==> flow/design.v <==
module mult #(
  parameter XLEN = 10,
  parameter WAYS = 6,
  parameter OUT_W = 2*XLEN + $clog2(WAYS)
) (
  input  aclk,
  input  reset,
  input  [WAYS*XLEN-1:0] lhs_i,
  input  [WAYS*XLEN-1:0] rhs_i,
  output [OUT_W-1:0] prod_o
);
  reg [WAYS*XLEN-1:0] lhs_d1;
  always @(posedge aclk or posedge reset) begin
    if (reset) begin
      lhs_d1 <= 0;
    end else begin
      lhs_d1 <= lhs_i;
    end
  end
  reg [WAYS*XLEN-1:0] rhs_d1;
  always @(posedge aclk or posedge reset) begin
    if (reset) begin
      rhs_d1 <= 0;
    end else begin
      rhs_d1 <= rhs_i;
    end
  end
  reg [OUT_W-1:0] tmp;
  integer k;
  always @* begin
    tmp = 0;
    for (k = 0; k < WAYS; k = k + 1)
      tmp = tmp + lhs_d1[k*XLEN +: XLEN] * rhs_d1[k*XLEN +: XLEN];
  end
  assign prod_o = tmp;
endmodule
# Tool chain data of mult
# Tool output for the design above, in the order of the flow.
# Line numbers count from 1 in the design file above.
# Operators carry their Yosys type and port widths (W data, S select, Z words).
# Cell names lack the library's common part.
# A cell with n/a has no value.
# inputs
top_module	mult
clk_port	aclk
cell_library	sky130hd
corner	tt_025C_1v80

# Word-level counts
# Counts by Yosys on the flattened word-level netlist (proc, flatten, opt, wreduce; memories kept). Register bits leave out memories and registers merged into their read ports (data or address); mux counts leave out enables and synchronous resets folded into registers. Print and check cells are left out. Cells with the same type and inputs are merged into one.
# bits
reg_bits	120
input_bits	122
output_inout_bits	23
elab_cells	13
# op_classes
add_sub_neg	5
n_mul	6
# op_table
op	count
$mul A10 B10 Y20	6
$add A23 B20 Y23	2
$add A22 B20 Y23	1
$add A21 B20 Y22	1
$add A20 B20 Y21	1

# Longest topological paths
# Longest topological path by Yosys (ltp), each cell counted once; first at word level (registers and memories cut), then after technology mapping (sequential cells cut; the memories' decode and read muxes count).
# logic_depth
depth_word	6
abc_area	0
mapped_depth	27
mapped_depth_nobuf	25

# Synthesis result
# Source: synth_stat.txt of the flow (Yosys; design flattened, memories mapped). It holds for the ABC_AREA given above (unset counts as 0); a run with the other value may have another netlist.
# types
type	count	area_total_um2
fa_1	558	1.12E+04
ha_1	242	3.03E+03
dfrtp_1	120	3002.88
inv_1	669	2.51E+03
and2_1	362	2.26E+03
nand2_1	249	934.646
clkbuf_1	65	243.984
xnor2_1	14	122.618
a21oi_1	21	105.101
xor2_1	6	52.55
o21ai_0	9	45.043
nor2_1	9	33.782
a2111oi_4	1	27.526
nand4_1	4	25.024
a21o_1	3	22.522
nand3_1	4	20.019
a21oi_2	2	17.517
o41ai_2	1	16.266
# Other cell types: 17; their cells: 23.
# mapped
mapped_cells	2362
yosys_area_um2	23806.6
seqArea_um2	3002.9
flip_flops	120
buf_cells	65

# Worst setup path after synthesis
# OpenSTA on the mapped netlist: ideal clock, no wires. The path of least setup slack (recovery checks aside). Input and output delay are each 20% of the period. Register names are those of the netlist, which keeps one name where synthesis merged equal registers.
# synth_path
kind	reg-to-output
start	register lhs_d1[3]
end	output prod_o[20]
period_ns	10.7
output_delay_ns	2.140
t_first_pin_ns	0.000
arrival_ns	6.859
t_required_ns	8.560
path_slack_ns	1.701
path_delay_ns	6.859
driving_pins	24
path_buffers	1
period_less_setup_slack_ns	8.999
# "path_delay_ns" is the arrival time less input delay plus setup time.
# At an output port there is no setup time.
# "driving_pins" counts driving pins, that of a launching flip-flop among them; a cell with two outputs on the path counts twice.
# "period_less_setup_slack_ns" = period - worst setup slack (recovery checks aside). The figure is calculated, with input and output delays left at 20% of the set period.
# Between the ends stands the longest chain of elaborated cells between them, by number of cells; it is not shown to be the way that was timed. Of several equally long chains one is given.
# Each line given opens the expression or statement behind the cell; cells for indexed reads and writes are added by Yosys, which also makes memories of some case tables.
# synth_via
path_cell_list	dfrtp_1 > clkbuf_1 > nand2_1 > fa_1 > inv_1 > fa_1 > fa_1 > fa_1 > inv_1 > fa_1 > fa_1 > inv_1 > fa_1 > fa_1 > inv_1 > fa_1 > inv_1 > ha_1 > nand3_1 > o221ai_1 > a21oi_2 > or4_1 > nand3_1 > xor2_1
elab_chain_len	6
cone_cells	6
cone_lines	1
classes_between	add/sub: 5; mul: 1
# synth_rtl
element	line	rtl
from (decl)	12	reg [WAYS*XLEN-1:0] lhs_d1;
from (assign)	15	lhs_d1 <= 0;
from (assign)	17	lhs_d1 <= lhs_i;
$mul A10 B10 Y20	33	tmp = tmp + lhs_d1[k*XLEN +: XLEN] * rhs_d1[k*XLEN +: XLEN];
$add A20 B20 Y21	33
$add A21 B20 Y22	33
$add A22 B20 Y23	33
$add A23 B20 Y23 (2 in a row)	33
to (decl)	10	output [OUT_W-1:0] prod_o

# Timing after layout
# From the final timing report of stored run 2: the path of least setup slack in the routed layout; clock arrival at registers is part of the times.
# layout_path
kind	reg-to-output
start	register lhs_d1[47]
end	output prod_o[20]
period_ns	14.1
output_delay_ns	2.82
t_first_pin_ns	0.50
arrival_ns	7.70
t_required_ns	11.28
path_slack_ns	3.58
driving_pins	24
path_buffers	2
# Between the ends stands the longest chain of elaborated cells between them, by number of cells; it is not shown to be the way that was timed. Of several equally long chains one is given.
# layout_via
path_cell_list	dfrtp_2 > and2_1 > fa_1 > fa_1 > fa_1 > fa_1 > inv_1 > fa_1 > fa_1 > inv_2 > fa_2 > inv_2 > fa_1 > inv_1 > fa_1 > ha_4 > o21ai_4 > buf_12 > nor2_4 > a21oi_4 > or4_4 > nand3_2 > xor2_1 > buf_2
elab_chain_len	3
cone_cells	3
cone_lines	1
classes_between	add/sub: 2; mul: 1
# layout_rtl
element	line	rtl
from (decl)	12	reg [WAYS*XLEN-1:0] lhs_d1;
from (assign)	15	lhs_d1 <= 0;
from (assign)	17	lhs_d1 <= lhs_i;
$mul A10 B10 Y20	33	tmp = tmp + lhs_d1[k*XLEN +: XLEN] * rhs_d1[k*XLEN +: XLEN];
$add A23 B20 Y23 (2 in a row)	33
to (decl)	10	output [OUT_W-1:0] prod_o

# Settings and measured results of 3 stored flow runs for module mult (sky130hd), not sorted in any way. The constraints put input and output delay at 20% of the set period each and load the outputs with 0.01 pF.
# "period_reached_ns": clock period set for the run, less the worst setup slack. It is reckoned from that one timing run; input and output delays stay at 20% of the period that was set.
# Settings: . = not set for that run.
# Among the results, . means that no value is shown for the run.
run name	period_ns	CORE_UTILIZATION	CELL_PAD_IN_SITES_DETAIL_PLACEMENT	CAP_MARGIN	CORE_MARGIN	SLEW_MARGIN	SETUP_SLACK_MARGIN	PLACE_DENSITY_LB_ADDON	GPL_ROUTABILITY_DRIVEN	CTS_CLUSTER_SIZE	MAX_ROUTING_LAYER	final_util_pct	worst_setup_slack_ns	synthesis_area_um2	period_reached_ns	design_die_area_um2
stored run 1	7.01	70	1	20	2	20	.	.	.	.	.	.	.	.	.	.
stored run 2	14.1	20	.	20	9	20	4.03	0.1	1	36	met5	24.9	3.577	23806.6	10.523	131776.0
stored run 3	10.7	40	.	20	2	20	.	.	.	.	.	45.4	0.275	23806.6	10.425	61484.2
# Stored run 1: did not finish, placement stopped with DPL-0033
